==> flow/design.v <==
module alu_sum_block_blk #(
  parameter integer XLEN = 112
) (
  input wire sys_clk,
  input wire RST,
  input wire [XLEN-1:0] x,
  input wire [XLEN-1:0] y,
  input wire cin,
  output wire [XLEN-1:0] s,
  output wire ovf
);
  reg [XLEN-1:0] r_x;
  always @(posedge sys_clk) begin
    if (RST) begin
      r_x <= 0;
    end else begin
      r_x <= x;
    end
  end
  reg [XLEN-1:0] r_y;
  always @(posedge sys_clk) begin
    if (RST) begin
      r_y <= 0;
    end else begin
      r_y <= y;
    end
  end
  reg r_cin;
  always @(posedge sys_clk) begin
    if (RST) begin
      r_cin <= 1'b0;
    end else begin
      r_cin <= cin;
    end
  end
  wire [XLEN:0] cur;
  assign cur = r_x + r_y + r_cin;
  assign s = cur[XLEN-1:0];
  assign ovf = cur[XLEN];
endmodule
Reports on alu_sum_block_blk
Tool output for the design above, in the order of the flow. Lines are those of the file above, counted from 1. Library cell names are shortened. The mark n/a stands for no value.

Design top: alu_sum_block_blk. Clock: sys_clk. Library: sky130hd. Library corner: tt_025C_1v80.

After elaboration
Source: Yosys, flattened and elaborated, memories not mapped. Widths are those after wreduce; folded enables and synchronous resets count as part of the registers. Registers that Yosys merges into a memory's read port (data or address) are not register bits. Print and check cells do not count. Equal cells are merged and count once.

Register bits: 225. For output and inout port bits the number is 113. For elaborated cells the number is 5.

For $add $sub $neg the number is 2.

Operators by type and width (count): 112-bit by 112-bit adder with 113-bit output (1); 113-bit by 1-bit adder with 113-bit output (1).

Logic depth
Depth = most cells in a row (Yosys ltp): at word level without a register or memory, in the mapped netlist without a sequential cell, where the memories' decode and read muxes count.

The figure for depth in word-level cells is 2. The figure for ABC_AREA is 0. The entry for depth in mapped cells reads 12. For gate-level depth less buffers the number is 12.

Netlist
Yosys stat after the flow's synthesis: flattened, memories mapped to cells. It holds for the ABC_AREA given above (unset counts as 0); a run with the other value may have another netlist.

The figure for cell count is 1636. Under cell area after synthesis stands 13472.9 sq um. The figure for sequential area is 4504.3 sq um. Flip-flops: 225. The entry for buffer cells reads 87.

Cells by type: dfxtp_1 (count 225, total area 4504.32 sq um); nor2b_1 (count 233, total area 1.46E+03 sq um); ha_1 (count 111, total area 1.39E+03 sq um); a21oi_1 (count 178, total area 890.854 sq um); xnor2_1 (count 68, total area 595.571 sq um); nand2_1 (count 130, total area 487.968 sq um); nor2_1 (count 102, total area 382.867 sq um); nand4_1 (count 60, total area 375.36 sq um); xor2_1 (count 38, total area 332.819 sq um); o21bai_1 (count 40, total area 300.288 sq um); o21ai_0 (count 59, total area 295.283 sq um); clkbuf_1 (count 73, total area 274.013 sq um); a21o_1 (count 35, total area 262.752 sq um); o21ai_1 (count 31, total area 155.149 sq um); a31oi_1 (count 21, total area 131.376 sq um); inv_1 (count 35, total area 131.376 sq um); o21a_1 (count 17, total area 127.622 sq um); nor3_1 (count 24, total area 120.115 sq um).

Other cell types: 58; their cells: 156.

Path before layout
Source: OpenSTA report_checks on the synthesized netlist (no wires, ideal clock, input and output delay 20% of the period each), path of least setup slack; recovery checks are left aside. Register names are those of the netlist, which keeps one name where synthesis merged equal registers.

Path type: reg-to-output. Start point: register r_x[0]. End point: output s[102]. The entry for clock period reads 5200 ps. Under output delay stands 1040 ps. Under launch time at the first pin stands 0 ps. Under arrival time stands 3328 ps. The figure for setup slack is 832 ps. Under path delay stands 3328 ps. Under stages on the path stands 13. For buffers on the path the number is 0. Under period reached after synthesis stands 4368 ps.

"path delay" is the arrival time less input delay plus setup time. A path that ends at an output port has no setup time. "stages on the path": output pins that drive a net of the path, with the launching flip-flop's if there is one; two outputs of one cell count as two. "period reached after synthesis" is the clock period less the worst setup slack; recovery checks do not enter. This is arithmetic on one report: input and output delays are still those of the set period (20% each). Between the ends stands the longest chain of elaborated cells between them, by number of cells; it is not shown to be the way that was timed. Of several equally long chains one is given. A line is the first line of the expression or statement that the cell stems from. Yosys adds cells for indexed reads and writes and turns some case tables into memories.

Path through: dfxtp_1 -> fa_1 -> fa_1 -> a211oi_1 -> nor3_2 -> o211ai_2 -> a211oi_1 -> o211ai_1 -> o211ai_2 -> or3_1 -> nand3_1 -> nand2_1 -> a311oi_1. The entry for cells in the longest elaborated chain reads 2.

RTL lines, path after synthesis: start, declared (line 12) `reg [XLEN-1:0] r_x;`; start, assigned (line 15) `r_x <= 0;`; start, assigned (line 17) `r_x <= x;`; 112-bit by 112-bit adder with 113-bit output (line 37) `assign cur = r_x + r_y + r_cin;`; 113-bit by 1-bit adder with 113-bit output (line 37); end, declared (line 9) `output wire [XLEN-1:0] s,`.

Timing after layout
Path of least setup slack in the final report of flow run 2 (OpenROAD, finished layout, wires in). Where an end is a register, its clock arrival counts in the times. The report prints the path's times to 10 ps; the period is as set.

Path type: reg-to-output. Start point: register r_x[0]. End point: output s[102]. The entry for clock period reads 5200 ps. Under output delay stands 1040 ps. Under launch time at the first pin stands 530 ps. Under arrival time stands 4080 ps. The figure for setup slack is 80 ps. Under stages on the path stands 14. For buffers on the path the number is 1.

Between the ends stands the longest chain of elaborated cells between them, by number of cells; it is not shown to be the way that was timed. Of several equally long chains one is given.

Path through: dfxtp_1 -> fa_2 -> fa_2 -> a211oi_2 -> nor3_2 -> o211ai_2 -> a211oi_1 -> o211ai_1 -> o211ai_2 -> or3_1 -> nand3_2 -> nand2_1 -> a311oi_2 -> dlygate4sd2_1. The entry for cells in the longest elaborated chain reads 2.

RTL lines, path after layout: start, declared (line 12) `reg [XLEN-1:0] r_x;`; start, assigned (line 15) `r_x <= 0;`; start, assigned (line 17) `r_x <= x;`; 112-bit by 112-bit adder with 113-bit output (line 37) `assign cur = r_x + r_y + r_cin;`; 113-bit by 1-bit adder with 113-bit output (line 37); end, declared (line 9) `output wire [XLEN-1:0] s,`.

Add stored flow runs of alu_sum_block_blk

Record of 3 stored runs of the RTL-to-layout flow on alu_sum_block_blk, platform sky130hd. The runs are unordered. Constraints: input delay and output delay 20% of the set period each, output load 0.01 pF. "worst path time": the worst setup path's part of the clock period (all of it between registers, 20% less for each end at a port) less its slack. A launch clock that arrives late makes it longer, a capture clock that arrives late makes it shorter. "worst path time" is known to 10 ps.

Files of flow run 1:
==> flow/run.sh <==
#!/bin/bash
# the make line also repeats the synthesis and layout settings of config.mk as NAME=value (left out here)
make -C /OpenROAD-flow-scripts/flow DESIGN_CONFIG=/design/flow/config.mk WORK_HOME=/design/flow/orfs CLKGATE_MAP_FILE= finish
==> flow/config.mk <==
export PLATFORM = sky130hd
export DESIGN_NAME = alu_sum_block_blk
export DESIGN_NICKNAME = alu_sum_block_blk
export VERILOG_FILES = /design/flow/design.v
export SDC_FILE = /design/flow/constraint.sdc
export NUM_CORES = 4
export LEC_CHECK = 0
export CAP_MARGIN = 25
export CELL_PAD_IN_SITES_DETAIL_PLACEMENT = 1
export CORE_MARGIN = 2
export CORE_UTILIZATION = 52
export CTS_CLUSTER_SIZE = 81
export MAX_ROUTING_LAYER = met5
export SETUP_SLACK_MARGIN = 0.55
export SLEW_MARGIN = 20
export TNS_END_PERCENT = 75
==> flow/constraint.sdc <==
create_clock -name core_clock -period 2.52 [get_ports {sys_clk}]
set_input_delay 0.5040 -clock core_clock [delete_from_list [all_inputs] [get_ports {sys_clk}]]
set_output_delay 0.5040 -clock core_clock [all_outputs]
set_load 0.01 [all_outputs]

Outcome of flow run 1: stopped before the end: placement reported DPL-0033.

Files of flow run 2:
==> flow/run.sh <==
#!/bin/bash
# the make line also repeats the synthesis and layout settings of config.mk as NAME=value (left out here)
make -C /OpenROAD-flow-scripts/flow DESIGN_CONFIG=/design/flow/config.mk WORK_HOME=/design/flow/orfs CLKGATE_MAP_FILE= finish
==> flow/config.mk <==
export PLATFORM = sky130hd
export DESIGN_NAME = alu_sum_block_blk
export DESIGN_NICKNAME = alu_sum_block_blk
export VERILOG_FILES = /design/flow/design.v
export SDC_FILE = /design/flow/constraint.sdc
export NUM_CORES = 4
export LEC_CHECK = 0
export CAP_MARGIN = 20
export CORE_MARGIN = 2
export CORE_UTILIZATION = 40
export SLEW_MARGIN = 20
==> flow/constraint.sdc <==
create_clock -name core_clock -period 5.2 [get_ports {sys_clk}]
set_input_delay 1.0400 -clock core_clock [delete_from_list [all_inputs] [get_ports {sys_clk}]]
set_output_delay 1.0400 -clock core_clock [all_outputs]
set_load 0.01 [all_outputs]

Results of flow run 2. For the netlist area reported by Yosys the run shows 13472.9 sq um. The measured worst path time is 4080 ps. Critical path type: reg-to-output. The measured final setup TNS is 0 ps. The overall die area comes to 35165.6 sq um. The measured final utilization is 55.4 %. The worst slack on setup checks stands at 81 ps.

Files of flow run 3:
==> flow/run.sh <==
#!/bin/bash
# the make line also repeats the synthesis and layout settings of config.mk as NAME=value (left out here)
make -C /OpenROAD-flow-scripts/flow DESIGN_CONFIG=/design/flow/config.mk WORK_HOME=/design/flow/orfs CLKGATE_MAP_FILE= finish
==> flow/config.mk <==
export PLATFORM = sky130hd
export DESIGN_NAME = alu_sum_block_blk
export DESIGN_NICKNAME = alu_sum_block_blk
export VERILOG_FILES = /design/flow/design.v
export SDC_FILE = /design/flow/constraint.sdc
export NUM_CORES = 4
export LEC_CHECK = 0
export CAP_MARGIN = 15
export CORE_MARGIN = 6
export CORE_UTILIZATION = 57
export PLACE_DENSITY_LB_ADDON = 0.03
export SLEW_MARGIN = 35
export TNS_END_PERCENT = 75
==> flow/constraint.sdc <==
create_clock -name core_clock -period 7.19 [get_ports {sys_clk}]
set_input_delay 1.4380 -clock core_clock [delete_from_list [all_inputs] [get_ports {sys_clk}]]
set_output_delay 1.4380 -clock core_clock [all_outputs]
set_load 0.01 [all_outputs]

Results of flow run 3. For the netlist area reported by Yosys the run shows 13472.9 sq um. The measured worst path time is 5180 ps. Critical path type: reg-to-output. The measured final setup TNS is 0 ps. The overall die area comes to 27469.7 sq um. The measured final utilization is 77.5 %. The worst slack on setup checks stands at 574 ps.
